==> flow/design.v <==
module gen_switch #(
  parameter BITS = 2,
  parameter WAYS = 5
) (
  input  wire aclk,
  input  wire rstn,
  input  wire [WAYS*BITS-1:0] ch_i,
  input  wire [WAYS-1:0] addr_i,
  output wire [BITS-1:0] z_o_o
);
  reg [WAYS*BITS-1:0] ch_reg;
  reg [WAYS-1:0] addr_reg;
  always @(posedge aclk) begin
    if (!rstn) begin
      ch_reg <= 0;
      addr_reg <= 0;
    end else begin
      ch_reg <= ch_i;
      addr_reg <= addr_i;
    end
  end
  reg [BITS-1:0] r;
  integer idx;
  always @(*) begin
    r = 0;
    for (idx = WAYS-1; idx >= 0; idx = idx - 1)
      if (addr_reg[idx]) r = ch_reg[idx*BITS +: BITS];
  end
  assign z_o_o = r;
endmodule
Subject: tool reports on gen_switch

Hi,

Reports on gen_switch
A sweep over "WAYS": the same steps for each member of the family.
The RTL above is that of WAYS = 5; lines are counted from 1 in the file of the member named.
Operators: Yosys type, input widths -> output width; for muxes data width and select width s.
Library cell names are shortened.
Not given: -
Inputs
  top module: gen_switch
  clock: aclk
  library: sky130hd
  library corner: tt_025C_1v80

Source of the members
Lines of each other member's file that are new or changed against the file above; lines that a member lacks are not shown.
Lines new or changed
  WAYS 6: line 3  | parameter WAYS = 6
  WAYS 10: line 3  | parameter WAYS = 10
  WAYS 16: line 3  | parameter WAYS = 16
  WAYS 32: line 3  | parameter WAYS = 32

Word level
Source: Yosys, flattened and elaborated, memories not mapped. Widths are those after wreduce; folded enables and synchronous resets count as part of the registers. Registers that Yosys merges into a memory's read port (data or address) are not register bits. Print and check cells do not count. Equal cells are merged and count once.
Cells by class (mux-type cells)
  WAYS 5: 5
  WAYS 6: 6
  WAYS 10: 10
  WAYS 16: 16
  WAYS 32: 32
Operators with widths (kind and count)
  WAYS 5: $mux 2: 5
  WAYS 6: $mux 2: 6
  WAYS 10: $mux 2: 10
  WAYS 16: $mux 2: 16
  WAYS 32: $mux 2: 32
Word-level totals
  WAYS 5: output and inout bits 2, input port bits 17, elaborated cells 7, bits in registers 15
  WAYS 6: output and inout bits 2, input port bits 20, elaborated cells 8, bits in registers 18
  WAYS 10: output and inout bits 2, input port bits 32, elaborated cells 12, bits in registers 30
  WAYS 16: output and inout bits 2, input port bits 50, elaborated cells 18, bits in registers 48
  WAYS 32: output and inout bits 2, input port bits 98, elaborated cells 34, bits in registers 96

Depth
Yosys ltp: most cells in a row. Word level: on the elaborated netlist, between registers, memories and ports. Mapped: between sequential cells and ports; inverters and the memories' decode and read muxes count.
Logic depth
  WAYS 5: depth after elaboration 5, ABC_AREA 0, gate-level depth with buffers 3
  WAYS 6: depth after elaboration 6, ABC_AREA 0, gate-level depth with buffers 3
  WAYS 10: depth after elaboration 10, ABC_AREA 0, gate-level depth with buffers 4
  WAYS 16: depth after elaboration 16, ABC_AREA 0, gate-level depth with buffers 4
  WAYS 32: depth after elaboration 32, ABC_AREA 0, gate-level depth with buffers 5

Mapped cells and area
Yosys stat after the flow's synthesis: flattened, memories mapped to cells. It holds for the ABC_AREA given above (unset counts as 0); a run with the other value may have another netlist.
The area totals of this step are shown rounded.
Cell types (types with counts)
  WAYS 5: dfxtp_1: 15; and2_1: 15; mux2i_1: 2; a211oi_1: 2; nand3b_1: 2; a31oi_1: 2; nand2b_1: 2; nor3b_2: 1; nand2_1: 2; clkbuf_1: 1
  WAYS 6: dfxtp_1: 18; and2_1: 18; a221oi_1: 4; nor2b_1: 5; o221ai_1: 2; o22ai_1: 2; inv_1: 2; clkbuf_2: 1; nor2_1: 1
  WAYS 10: dfxtp_1: 30; and2_1: 30; a221oi_1: 4; nor2b_1: 4; o21ai_0: 4; o32a_1: 2; o221ai_1: 2; a211oi_1: 2; o31ai_1: 2; clkbuf_1: 3; inv_1: 3; nand2_1: 3; o21ai_1: 2; and2b_2: 1; nor2b_2: 1; nor2_2: 1; nor2_1: 1
  WAYS 16: dfxtp_1: 48; and2_1: 48; a2111oi_4: 2; nand3b_1: 6; a21oi_1: 8; nor2b_1: 5; nor3b_1: 4; o21ai_0: 6; a211oi_1: 3; nand2_1: 6; clkbuf_1: 5; a2111oi_0: 2; nor4b_1: 2; o211ai_1: 2; o31ai_1: 2; inv_1: 3; a221oi_1: 1; inv_2: 2; [+3]
  WAYS 32: dfxtp_1: 96; and2_1: 96; a21oi_1: 15; nor3b_1: 10; nor2b_1: 9; nand3b_1: 6; a221oi_1: 5; clkbuf_1: 10; o221ai_1: 4; inv_1: 9; a211oi_1: 4; nand2_1: 8; a221o_1: 2; nand2b_1: 3; nor2_1: 5; and2b_2: 2; and3b_1: 2; o311ai_0: 2; [+32]
A list marked [+n] leaves out that many cells.
Mapped netlist
  WAYS 5: sequential area 0.0003003 sq mm, flip-flops 15, cell count 44, cell area after synthesis 0.000493 sq mm
  WAYS 6: sequential area 0.0003603 sq mm, flip-flops 18, cell count 53, cell area after synthesis 0.0005856 sq mm
  WAYS 10: sequential area 0.0006006 sq mm, flip-flops 30, cell count 95, cell area after synthesis 0.001007 sq mm
  WAYS 16: sequential area 0.0009609 sq mm, flip-flops 48, cell count 158, cell area after synthesis 0.001667 sq mm
  WAYS 32: sequential area 0.001922 sq mm, flip-flops 96, cell count 320, cell area after synthesis 0.003356 sq mm

Path before layout
Source: OpenSTA report_checks on the synthesized netlist (no wires, ideal clock, input and output delay 20% of the period each), path of least setup slack; recovery checks are left aside. Register names are those of the netlist, which keeps one name where synthesis merged equal registers.
Timing path after synthesis
  WAYS 5: path type register to output, from reg addr_reg[2], to out z_o_o[0], slack 215 ps, delay of the path 857 ps, clock period 1340 ps, stages on the path 4, period reached after synthesis 1125 ps
  WAYS 6: path type register to output, from reg addr_reg[2], to out z_o_o[0], slack 202 ps, delay of the path 798 ps, clock period 1250 ps, stages on the path 4, period reached after synthesis 1048 ps
  WAYS 10: path type register to output, from reg addr_reg[5], to out z_o_o[1], slack 234 ps, delay of the path 934 ps, clock period 1460 ps, stages on the path 5, period reached after synthesis 1226 ps
  WAYS 16: path type register to output, from reg addr_reg[8], to out z_o_o[0], slack 302 ps, delay of the path 1202 ps, clock period 1880 ps, stages on the path 5, period reached after synthesis 1578 ps
  WAYS 32: path type register to output, from reg addr_reg[0], to out z_o_o[0], slack 359 ps, delay of the path 1441 ps, clock period 2250 ps, stages on the path 6, period reached after synthesis 1891 ps
"delay of the path" is the arrival time less input delay plus setup time.
At an output port there is no setup time.
"stages on the path" counts driving pins, that of a launching flip-flop among them; a cell with two outputs on the path counts twice.
"period reached after synthesis" is the clock period less the worst setup slack; recovery checks do not enter. This is arithmetic on one report: input and output delays are still those of the set period (20% each).
Between the ends stands the longest chain of elaborated cells between them, by number of cells; it is not shown to be the way that was timed. Of several equally long chains one is given.
Each line given opens the expression or statement behind the cell; cells for indexed reads and writes are added by Yosys, which also makes memories of some case tables.
Between the ends, after synthesis, WAYS = 5
  length of the longest elaborated chain: 3
RTL lines, path after synthesis, WAYS = 5
  start, declared: line 12  | reg [WAYS-1:0] addr_reg;
  start, assigned: line 16  | addr_reg <= 0;
  start, assigned: line 19  | addr_reg <= addr_i;
  $mux 2 x3: line 27  | if (addr_reg[idx]) r = ch_reg[idx*BITS +: BITS];
  end, declared: line 9  | output wire [BITS-1:0] z_o_o
Between the ends, after synthesis, WAYS = 32
  length of the longest elaborated chain: 1
RTL lines, path after synthesis, WAYS = 32
  start, declared: line 12  | reg [WAYS-1:0] addr_reg;
  start, assigned: line 16  | addr_reg <= 0;
  start, assigned: line 19  | addr_reg <= addr_i;
  $mux 2: line 27  | if (addr_reg[idx]) r = ch_reg[idx*BITS +: BITS];
  end, declared: line 9  | output wire [BITS-1:0] z_o_o

Timing after layout
Path of least setup slack in the final report of the run of each member (OpenROAD, finished layout, wires in). Where an end is a register, its clock arrival counts in the times.
The report prints the path's times to 10 ps; the period is as set.
Timing path after layout
  WAYS 5: path type register to output, from reg addr_reg[3], to out z_o_o[0], clock period 1340 ps, slack -120 ps, buffers on the path 1, stages on the path 5, data arrival time 1200 ps
  WAYS 6: path type register to output, from reg addr_reg[2], to out z_o_o[0], clock period 1250 ps, slack -230 ps, buffers on the path 1, stages on the path 5, data arrival time 1230 ps
  WAYS 10: path type register to output, from reg addr_reg[0], to out z_o_o[0], clock period 1460 ps, slack -270 ps, buffers on the path 1, stages on the path 6, data arrival time 1430 ps
  WAYS 16: path type register to output, from reg addr_reg[10], to out z_o_o[0], clock period 1880 ps, slack -60 ps, buffers on the path 1, stages on the path 6, data arrival time 1570 ps
  WAYS 32: path type register to output, from reg addr_reg[22], to out z_o_o[0], clock period 2250 ps, slack -190 ps, buffers on the path 1, stages on the path 7, data arrival time 1990 ps

Layout results
One run of the flow (Yosys, OpenROAD) for each member, with settings and measured results. Input and output delays are each 20% of the period that was set; the output load is 0.01 pF.
Flow settings
  CAP_MARGIN: 20
  CORE_MARGIN: 2
  CORE_UTILIZATION: 40
  SLEW_MARGIN: 20
Settings that differ (period_ns)
  WAYS 5: 1.34
  WAYS 6: 1.25
  WAYS 10: 1.46
  WAYS 16: 1.88
  WAYS 32: 2.25
Measured results
  WAYS 5: standard-cell area after routing 0.0007244 sq mm, worst hold slack in the final report 549 ps, post-route utilization 64.3%, full die area 0.001529 sq mm, post-route setup TNS -243 ps, cell area after synthesis 0.000493 sq mm, worst setup slack after layout -123 ps
  WAYS 6: standard-cell area after routing 0.0009009 sq mm, worst hold slack in the final report 519 ps, post-route utilization 67.5%, full die area 0.001786 sq mm, post-route setup TNS -419 ps, cell area after synthesis 0.0005856 sq mm, worst setup slack after layout -229 ps
  WAYS 10: standard-cell area after routing 0.001509 sq mm, worst hold slack in the final report 534 ps, post-route utilization 62.0%, full die area 0.002935 sq mm, post-route setup TNS -532 ps, cell area after synthesis 0.001007 sq mm, worst setup slack after layout -267 ps
  WAYS 16: standard-cell area after routing 0.002454 sq mm, worst hold slack in the final report 638 ps, post-route utilization 61.3%, full die area 0.004699 sq mm, post-route setup TNS -114 ps, cell area after synthesis 0.001667 sq mm, worst setup slack after layout -63 ps
  WAYS 32: standard-cell area after routing 0.004985 sq mm, worst hold slack in the final report 584 ps, post-route utilization 61.0%, full die area 0.009138 sq mm, post-route setup TNS -326 ps, cell area after synthesis 0.003356 sq mm, worst setup slack after layout -187 ps
Results are given in rounded form.

Regards
